==> flow/design.v <==
module gen_mul #(
    parameter NBITS = 16
) (
    input  logic CLK,
    input  logic nrst,
    input  logic signed [NBITS-1:0] lhs_i,
    input  logic signed [NBITS-1:0] rhs_i,
    output logic signed [2*NBITS-1:0] out_o
);
    logic signed [NBITS-1:0] r_lhs;
    always_ff @(posedge CLK) begin
        if (~nrst) begin
            r_lhs <= 0;
        end else begin
            r_lhs <= lhs_i;
        end
    end
    logic signed [NBITS-1:0] r_rhs;
    always_ff @(posedge CLK) begin
        if (~nrst) begin
            r_rhs <= 0;
        end else begin
            r_rhs <= rhs_i;
        end
    end
    assign out_o = r_lhs * r_rhs;
endmodule
# Tool chain data of gen_mul
# Tool output for the design above, in the order of the flow.
# Lines are those of the file above, counted from 1.
# Operators: Yosys type, input widths -> output width; for muxes data width and select width s.
# Cell names lack the library's common part.
# Not given: -
# design
top	gen_mul
clk_port	CLK
lib	sky130hd
corner	tt_025C_1v80

# Word-level counts
# Yosys after proc, flatten, opt, wreduce and memory -nomap, before mapping. Enables and synchronous resets that opt folds into registers are not counted as muxes. Memory bits, and registers merged into a memory's read port (data or address), are not among the register bits. Print and check cells are not counted. Equal cells are merged and count once.
# classes
mul	1
# ops
cell	n
$mul 16x16->32	1
# word_totals
output_inout_bits	32
elab_cells	3
reg_bits	32

# Logic depth
# Yosys ltp: most cells in a row. Word level: on the elaborated netlist, between registers, memories and ports. Mapped: between sequential cells and ports; inverters and the memories' decode and read muxes count.
# depth
ltp_word	1
ABC_AREA	1
ltp_mapped	26

# After synthesis
# Yosys stat after the flow's synthesis: flattened, memories mapped to cells. It holds for the ABC_AREA given above (unset counts as 0); a run with the other value may have another netlist.
# types
cell	n	type_area_um2
fa_1	262	5245.03
inv_1	509	1.91E+03
nand2_1	444	1.67E+03
ha_1	82	1.03E+03
dfxtp_1	32	640.614
clkbuf_1	61	228.97
nor2_1	46	172.666
nand3_1	34	170.163
xor2_1	17	148.893
a21oi_1	22	110.106
nand4_1	13	81.328
nor2_2	6	37.536
o21bai_1	5	37.536
o21ai_0	7	35.034
nor3_2	3	30.029
nor3_1	5	25.024
nand3b_1	3	22.522
nand3_2	2	20.019
# Not listed: further types 11, cells in them 17.
# synth_totals
flip_flops	32
buf_cells	62
area_um2	11717.5
seqArea_um2	640.6
mapped_cells	1570

# Path before layout
# Source: OpenSTA report_checks on the synthesized netlist (no wires, ideal clock, input and output delay 20% of the period each), path of least setup slack; recovery checks are left aside. Register names are those of the netlist, which keeps one name where synthesis merged equal registers.
# synth_path
path_kind	reg2out
startpoint	register r_rhs[3]
endpoint	output out_o[31]
delay_ns	5.360
tclk_ns	9.32
out_delay_ns	1.864
arrival_time_ns	5.360
stages	23
required_ns	7.456
n_path_buf	2
slack_ns	2.096
launch_ns	0.000
period_less_setup_slack_ns	7.224
# "delay_ns" = arrival - input delay + setup time.
# At an output port there is no setup time.
# "stages": output pins that drive a net of the path, with the launching flip-flop's if there is one; two outputs of one cell count as two.
# "period_less_setup_slack_ns" is the clock period less the worst setup slack; recovery checks do not enter. This is arithmetic on one report: input and output delays are still those of the set period (20% each).
# Between the ends stands the longest chain of elaborated cells between them, by number of cells; it is not shown to be the way that was timed. Of several equally long chains one is given.
# A line is the first line of the expression or statement that the cell stems from. Yosys adds cells for indexed reads and writes and turns some case tables into memories.
# synth_between
cell_sequence	dfxtp_1 -> clkbuf_1 -> clkbuf_1 -> nand2_1 -> inv_1 -> fa_1 -> fa_1 -> inv_1 -> fa_1 -> fa_1 -> fa_1 -> fa_1 -> inv_1 -> ha_1 -> nand2_1 -> nor2_1 -> nand3_1 -> nor3_1 -> nand2_1 -> inv_1 -> nor2_1 -> nand2_1 -> nand2_1
elab_chain_cells	1
cells_between	1
lines_between	1
# synth_rtl
element	line	source
from (decl)	18	logic signed [NBITS-1:0] r_rhs;
from (assign)	21	r_rhs <= 0;
from (assign)	23	r_rhs <= rhs_i;
$mul 16x16->32	26	assign out_o = r_lhs * r_rhs;
to (decl)	8	output logic signed [2*NBITS-1:0] out_o

# Timing after layout
# From the final timing report of record 1: the path of least setup slack in the routed layout; clock arrival at registers is part of the times.
# layout_path
path_kind	reg2out
startpoint	register r_rhs[1]
endpoint	output out_o[31]
slack_ns	0.40
required_ns	7.16
n_path_buf	1
stages	21
tclk_ns	8.95
arrival_time_ns	6.76
launch_ns	0.27
out_delay_ns	1.79
# Between the ends stands the longest chain of elaborated cells between them, by number of cells; it is not shown to be the way that was timed. Of several equally long chains one is given.
# layout_between
cell_sequence	dfxtp_1 -> nand2_1 -> inv_1 -> fa_1 -> fa_1 -> inv_1 -> fa_1 -> fa_1 -> fa_1 -> fa_1 -> inv_1 -> ha_1 -> nand2_1 -> nor2_1 -> nand3_1 -> nor3_1 -> nand2_1 -> nand3_1 -> nand2_1 -> nand2_1 -> clkdlybuf4s50_1
elab_chain_cells	1
cells_between	1
lines_between	1
# layout_rtl
element	line	source
from (decl)	18	logic signed [NBITS-1:0] r_rhs;
from (assign)	21	r_rhs <= 0;
from (assign)	23	r_rhs <= rhs_i;
$mul 16x16->32	26	assign out_o = r_lhs * r_rhs;
to (decl)	8	output logic signed [2*NBITS-1:0] out_o

--- measured runs ---
Module gen_mul, platform sky130hd: 3 stored runs of the flow (Yosys, OpenROAD) with differing settings, in no particular order. Input and output delays are each 20% of the period that was set; the output load is 0.01 pF.
"period_less_ws_ns" is the run's clock period less its worst setup slack. It is reckoned from that one timing run; input and output delays stay at 20% of the period that was set.
"timing.worst_path_ns": the worst setup path's part of the clock period (all of it between registers, 20% less for each end at a port) less its slack. A launch clock that arrives late makes it longer, a capture clock that arrives late makes it shorter.
"total_power_uw" rests on the timing tool's default activity at the inputs, not on a simulated workload.

Record 1, flow files:
==> flow/run.sh <==
#!/bin/bash
# the make line also repeats the synthesis and layout settings of config.mk as NAME=value (left out here)
make -C /OpenROAD-flow-scripts/flow DESIGN_CONFIG=/design/flow/config.mk WORK_HOME=/design/flow/orfs CLKGATE_MAP_FILE= finish
==> flow/config.mk <==
export PLATFORM = sky130hd
export DESIGN_NAME = gen_mul
export DESIGN_NICKNAME = gen_mul
export VERILOG_FILES = /design/flow/design.v
export SDC_FILE = /design/flow/constraint.sdc
export NUM_CORES = 4
export LEC_CHECK = 0
export ABC_AREA = 1
export CAP_MARGIN = 20
export CORE_ASPECT_RATIO = 1.82
export CORE_MARGIN = 5
export CORE_UTILIZATION = 59
export SETUP_SLACK_MARGIN = -0.4
export SLEW_MARGIN = 35
export TNS_END_PERCENT = 70
==> flow/constraint.sdc <==
create_clock -name core_clock -period 8.95 [get_ports {CLK}]
set_input_delay 1.7900 -clock core_clock [delete_from_list [all_inputs] [get_ports {CLK}]]
set_output_delay 1.7900 -clock core_clock [all_outputs]
set_load 0.01 [all_outputs]

==> results of record 1, as CSV <==
result,value
total_power_uw,2279
period_less_ws_ns,8.551
yosys.chip_area_um2,11717.5
timing.worst_path_ns,6.76
critical_path_type,"reg2out"
setup_worst_slack_ns,0.399
die_area_um2,22905.7
utilization_pct,65.2

Record 2, flow files:
==> flow/run.sh <==
#!/bin/bash
# the make line also repeats the synthesis and layout settings of config.mk as NAME=value (left out here)
make -C /OpenROAD-flow-scripts/flow DESIGN_CONFIG=/design/flow/config.mk WORK_HOME=/design/flow/orfs CLKGATE_MAP_FILE= finish
==> flow/config.mk <==
export PLATFORM = sky130hd
export DESIGN_NAME = gen_mul
export DESIGN_NICKNAME = gen_mul
export VERILOG_FILES = /design/flow/design.v
export SDC_FILE = /design/flow/constraint.sdc
export NUM_CORES = 4
export LEC_CHECK = 0
export ABC_AREA = 1
export CAP_MARGIN = 20
export CELL_PAD_IN_SITES_DETAIL_PLACEMENT = 0
export CORE_MARGIN = 7
export CORE_UTILIZATION = 45
export CTS_CLUSTER_SIZE = 57
export PLACE_DENSITY_LB_ADDON = 0.02
export SLEW_MARGIN = 0
export TNS_END_PERCENT = 10
==> flow/constraint.sdc <==
create_clock -name core_clock -period 8.34 [get_ports {CLK}]
set_input_delay 1.6680 -clock core_clock [delete_from_list [all_inputs] [get_ports {CLK}]]
set_output_delay 1.6680 -clock core_clock [all_outputs]
set_load 0.01 [all_outputs]

==> results of record 2, as CSV <==
result,value
total_power_uw,2335
period_less_ws_ns,8.016
yosys.chip_area_um2,11717.5
timing.worst_path_ns,6.35
critical_path_type,"reg2out"
setup_worst_slack_ns,0.324
die_area_um2,30752.9
utilization_pct,51.0

Record 3, flow files:
==> flow/run.sh <==
#!/bin/bash
# the make line also repeats the synthesis and layout settings of config.mk as NAME=value (left out here)
make -C /OpenROAD-flow-scripts/flow DESIGN_CONFIG=/design/flow/config.mk WORK_HOME=/design/flow/orfs CLKGATE_MAP_FILE= finish
==> flow/config.mk <==
export PLATFORM = sky130hd
export DESIGN_NAME = gen_mul
export DESIGN_NICKNAME = gen_mul
export VERILOG_FILES = /design/flow/design.v
export SDC_FILE = /design/flow/constraint.sdc
export NUM_CORES = 4
export LEC_CHECK = 0
export CAP_MARGIN = 20
export CORE_MARGIN = 2
export CORE_UTILIZATION = 40
export SLEW_MARGIN = 20
==> flow/constraint.sdc <==
create_clock -name core_clock -period 9.32 [get_ports {CLK}]
set_input_delay 1.8640 -clock core_clock [delete_from_list [all_inputs] [get_ports {CLK}]]
set_output_delay 1.8640 -clock core_clock [all_outputs]
set_load 0.01 [all_outputs]

==> results of record 3, as CSV <==
result,value
total_power_uw,2070
period_less_ws_ns,9.002
yosys.chip_area_um2,10744.1
timing.worst_path_ns,7.14
critical_path_type,"reg2out"
setup_worst_slack_ns,0.318
die_area_um2,28187.1
utilization_pct,45.8
--- end ---
